==> flow/design.v <==
module alu_plus_stage #(
   parameter int DW = 128
) (
   input logic core_clk,
   input logic RSTN,
   input logic [DW-1:0] u,
   input logic [DW-1:0] v,
   input logic carry_in,
   output logic [DW-1:0] q,
   output logic ovf
);
   logic [DW-1:0] u_reg;
   logic [DW-1:0] v_reg;
   logic carry_in_reg;
   always_ff @(posedge core_clk) begin
      if (!RSTN) begin
         u_reg <= '0;
         v_reg <= '0;
         carry_in_reg <= 1'b0;
      end else begin
         u_reg <= u;
         v_reg <= v;
         carry_in_reg <= carry_in;
      end
   end
   localparam int NB = DW / 4;
   logic [DW-1:0] nxt;
   logic [NB:0] chain;
   assign chain[0] = carry_in_reg;
   for (genvar k = 0; k < NB; k++) begin : u_g
      alu_plus_stage_cla4 el (.a(u_reg[4*k +: 4]), .b(v_reg[4*k +: 4]), .ci(chain[k]), .s(nxt[4*k +: 4]), .co(chain[k+1]));
   end
   assign q = nxt;
   assign ovf = chain[NB];
endmodule
module alu_plus_stage_cla4 (
   input logic [3:0] a,
   input logic [3:0] b,
   input logic ci,
   output logic [3:0] s,
   output logic co
);
   wire [3:0] g = a & b;
   wire [3:0] p = a ^ b;
   wire c1 = g[0] | (p[0] & ci);
   wire c2 = g[1] | (p[1] & g[0]) | (p[1] & p[0] & ci);
   wire c3 = g[2] | (p[2] & g[1]) | (p[2] & p[1] & g[0]) | (p[2] & p[1] & p[0] & ci);
   assign co = g[3] | (p[3] & g[2]) | (p[3] & p[2] & g[1]) | (p[3] & p[2] & p[1] & g[0]) | (&p & ci);
   assign s = p ^ {c3, c2, c1, ci};
endmodule
; ---- Reports on alu_plus_stage
; What the tools print for alu_plus_stage, step after step.
; Lines are those of the file above, counted from 1.
; Operators carry their Yosys type and port widths (W data, S select, Z words).
; Library cell names are shortened.
; The mark n/a stands for no value.
[inputs]
top = alu_plus_stage
clk_port = core_clk
lib = sky130hd
pvt_corner = tt_025C_1v80

; ---- Word-level counts
; Source: Yosys, flattened and elaborated, memories not mapped. Widths are those after wreduce; folded enables and synchronous resets count as part of the registers. Registers that Yosys merges into a memory's read port (data or address) are not register bits. Print and check cells do not count. Equal cells are merged and count once.
[classes]
bitwise = 896
reduce_logical = 32
[ops]
columns = op, count
row1 = $and A1 B1 Y1, 480
row2 = $or A1 B1 Y1, 320
row3 = $xor A4 B4 Y4, 64
row4 = $and A4 B4 Y4, 32
row5 = $reduce_and A4 Y1, 32
[word_totals]
reg_bits = 257
input_bits = 259
out_inout_bits = 129
word_cells = 931

; ---- Depth
; Yosys ltp: most cells in a row. Word level: on the elaborated netlist, between registers, memories and ports. Mapped: between sequential cells and ports; inverters and the memories' decode and read muxes count.
[logic_depth]
word_depth = 69
abc_area = 0
mapped_depth = 14
depth_no_buf = 14

; ---- After synthesis
; Yosys stat after the flow's synthesis: flattened, memories mapped to cells. It holds for the ABC_AREA given above (unset counts as 0); a run with the other value may have another netlist.
[by_type]
columns = type, count, type_area_um2
row1 = dfxtp_1, 257, 5.14E+03
row2 = and2_1, 262, 1.64E+03
row3 = ha_1, 128, 1.6E+03
row4 = fa_1, 32, 640.614
row5 = xor2_1, 46, 402.886
row6 = a21o_1, 49, 367.853
row7 = a21oi_1, 66, 330.317
row8 = xnor2_1, 37, 324.061
row9 = nand2_1, 50, 187.68
row10 = inv_1, 40, 150.144
row11 = nor2_1, 39, 146.39
row12 = o21ai_0, 23, 115.11
row13 = o21a_1, 15, 112.608
row14 = clkbuf_1, 28, 105.101
row15 = o21bai_1, 12, 90.086
row16 = nand4_1, 13, 81.328
row17 = nor3_1, 16, 80.077
row18 = nor2b_1, 11, 68.816
; Other cell types: 55; their cells: 132.
[mapped]
cell_count = 1256
synth_area_mm2 = 0.0127247
sequential_area_mm2 = 0.0051449
ffs = 257
buffers = 28
; The figures by module come from a second, unflattened synthesis with its own total; it is not the netlist above.
[hier_totals]
cells_unflattened = 1086
area_unflattened_mm2 = 0.0116199
; Rows give one instance, submodules left out.
[modules]
columns = mod, n_inst, n_cells, mod_area_mm2, mod_seq_area_mm2
row1 = alu_plus_stage, 1, 542, 0.0068954, 0.0051449
row2 = alu_plus_stage_cla4, 32, 17, 0.0001476, 0

; ---- Path before layout
; OpenSTA on the mapped netlist: ideal clock, no wires. The path of least setup slack (recovery checks aside). Input and output delay are each 20% of the period. Register names are those of the netlist, which keeps one name where synthesis merged equal registers.
[synth_path]
path_kind = register to output
startpoint = reg v_reg[0]
endpoint = out q[53]
period_ns = 5.15
output_delay_ns = 1.030
launch_ns = 0.000
arrival_time_ns = 3.295
required_ns = 4.120
setup_slack_ns = 0.825
path_delay_ns = 3.295
path_stages = 14
path_buffers = 0
period_less_setup_slack_ns = 4.325
; "path_delay_ns" is the arrival time less input delay plus setup time.
; At an output port there is no setup time.
; "path_stages" counts driving pins, that of a launching flip-flop among them; a cell with two outputs on the path counts twice.
; "period_less_setup_slack_ns" = period - worst setup slack (recovery checks aside). The figure is calculated, with input and output delays left at 20% of the set period.
; Between the ends stands the longest chain of elaborated cells between them, by number of cells; it is not shown to be the way that was timed. Of several equally long chains one is given.
; A line is the first line of the expression or statement that the cell stems from. Yosys adds cells for indexed reads and writes and turns some case tables into memories.
[synth_between]
cell_sequence = dfxtp_1 -> ha_1 -> a211oi_2 -> o21ai_2 -> o311ai_4 -> a31oi_4 -> o31a_1 -> o21a_1 -> or2_1 -> a31o_2 -> o21ai_0 -> nand2b_1 -> fa_1 -> xor2_1
elab_chain_len = 31
cells_between = 34
cone_lines = 5
cone_classes = logic (33); reduce/logical (1)
[synth_rtl]
columns = element, line
row1 = from (decl), 13  ; logic [DW-1:0] v_reg;
row2 = from (assign), 18  ; v_reg <= '0;
row3 = from (assign), 22  ; v_reg <= v;
row4 = $and A4 B4 Y4, 43  ; wire [3:0] g = a & b;
row5 = $and A1 B1 Y1, 48  ; assign co = g[3] | (p[3] & g[2]) | (p[3] & p[2] & g[1]) | (p[3] & p[2] & p[1] & g[0]) | (&p & ci);
row6 = $or A1 B1 Y1 x2, 48
row7 = $and A1 B1 Y1, 48
row8 = $or A1 B1 Y1, 48
row9 = $and A1 B1 Y1, 48
row10 = $or A1 B1 Y1, 48
row11 = (+16 left out), n/a
row12 = $and A1 B1 Y1, 48
row13 = $or A1 B1 Y1, 48
row14 = $and A1 B1 Y1, 48
row15 = $or A1 B1 Y1, 48
row16 = $and A1 B1 Y1, 45  ; wire c1 = g[0] | (p[0] & ci);
row17 = $or A1 B1 Y1, 45
row18 = $xor A4 B4 Y4, 49  ; assign s = p ^ {c3, c2, c1, ci};
row19 = to (decl), 9  ; output logic [DW-1:0] q,

; ---- Worst path after layout
; From the final timing report of run 1: the path of least setup slack in the routed layout; clock arrival at registers is part of the times.
[layout_path]
path_kind = register to output
startpoint = reg u_reg[0]
endpoint = out q[112]
period_ns = 5.15
output_delay_ns = 1.03
launch_ns = 0.54
arrival_time_ns = 4.13
required_ns = 4.12
setup_slack_ns = -0.01
path_stages = 16
path_buffers = 3
; Between the ends stands the longest chain of elaborated cells between them, by number of cells; it is not shown to be the way that was timed. Of several equally long chains one is given.
[layout_between]
cell_sequence = dfxtp_2 -> ha_4 -> a211oi_4 -> o21ai_2 -> o311ai_4 -> a31oi_4 -> nor4_4 -> nor3_4 -> buf_12 -> o311ai_4 -> a21oi_4 -> buf_6 -> a21o_1 -> a41o_1 -> fa_2 -> buf_6
elab_chain_len = 59
cells_between = 62
cone_lines = 4
cone_classes = logic (61); reduce/logical (1)
[layout_rtl]
columns = element, line
row1 = from (decl), 12  ; logic [DW-1:0] u_reg;
row2 = from (assign), 17  ; u_reg <= '0;
row3 = from (assign), 21  ; u_reg <= u;
row4 = $and A4 B4 Y4, 43  ; wire [3:0] g = a & b;
row5 = $and A1 B1 Y1, 48  ; assign co = g[3] | (p[3] & g[2]) | (p[3] & p[2] & g[1]) | (p[3] & p[2] & p[1] & g[0]) | (&p & ci);
row6 = $or A1 B1 Y1 x2, 48
row7 = $and A1 B1 Y1, 48
row8 = $or A1 B1 Y1, 48
row9 = $and A1 B1 Y1, 48
row10 = $or A1 B1 Y1, 48
row11 = (+44 left out), n/a
row12 = $and A1 B1 Y1, 48
row13 = $or A1 B1 Y1, 48
row14 = $and A1 B1 Y1, 48
row15 = $or A1 B1 Y1, 48
row16 = $and A1 B1 Y1, 48
row17 = $or A1 B1 Y1, 48
row18 = $xor A4 B4 Y4, 49  ; assign s = p ^ {c3, c2, c1, ci};
row19 = to (decl), 9  ; output logic [DW-1:0] q,

; Below are 3 stored runs of the flow (Yosys, OpenROAD; platform sky130hd) on alu_plus_stage, each with its settings and what was measured, unordered. Constraints: input delay and output delay 20% of the set period each, output load 0.01 pF.
; "timing.achieved_period_ns" means the clock period less the worst setup slack. The figure is calculated, with input and output delays left at 20% of the set period.
; "timing.worst_path_ns" is the time allowed to the run's worst setup path (the clock period less input and output delay, where it has them) less its slack. Clock arrival times count: a late capture clock shortens it, a late launch clock lengthens it.
; "power.total_mw": no workload was simulated; the value follows from the tool's default switching activity.

[run 1: settings]
period_ns = 5.15
CAP_MARGIN = 20
CORE_MARGIN = 2
CORE_UTILIZATION = 40
SLEW_MARGIN = 20
[run 1: results]
die_mm2 = 0.0332552
power.total_mw = 5.482
post_route_stdcell_area_mm2 = 0.0190345
worst_setup_slack_ns = -0.006
timing.achieved_period_ns = 5.156
timing.worst_path_ns = 4.13
path_kind = register to output
ys_area_mm2 = 0.0127247
final_hold_ws_ns = 1.035

[run 2: settings]
period_ns = 4.44
CORE_UTILIZATION = 38
PLACE_DENSITY = 0.37
CORE_ASPECT_RATIO = 0.68
CORE_MARGIN = 7
CELL_PAD_IN_SITES_DETAIL_PLACEMENT = 0
TNS_END_PERCENT = 25
CTS_CLUSTER_SIZE = 61
CAP_MARGIN = 35
SLEW_MARGIN = 0
MAX_ROUTING_LAYER = met5
[run 2: results]
post_route_stdcell_area_mm2 = 0.0200968
timing.achieved_period_ns = 5.092
timing.worst_path_ns = 4.20
path_kind = register to output
die_mm2 = 0.0389016
worst_setup_slack_ns = -0.652
ys_area_mm2 = 0.0127247
power.total_mw = 6.269
final_hold_ws_ns = 0.901

[run 3: settings]
period_ns = 2.71
CORE_UTILIZATION = 51
PLACE_DENSITY_LB_ADDON = 0.17
TNS_END_PERCENT = 25
GPL_ROUTABILITY_DRIVEN = 0
CTS_CLUSTER_SIZE = 24
CAP_MARGIN = 5
SLEW_MARGIN = 20
MIN_ROUTING_LAYER = met1
CORE_MARGIN = 2
[run 3: results]
die_mm2 = 0.0262294
final_hold_ws_ns = 0.574
post_route_stdcell_area_mm2 = 0.0206736
timing.achieved_period_ns = 4.762
worst_setup_slack_ns = -2.052
timing.worst_path_ns = 4.22
path_kind = register to output
power.total_mw = 10.524
ys_area_mm2 = 0.0127247
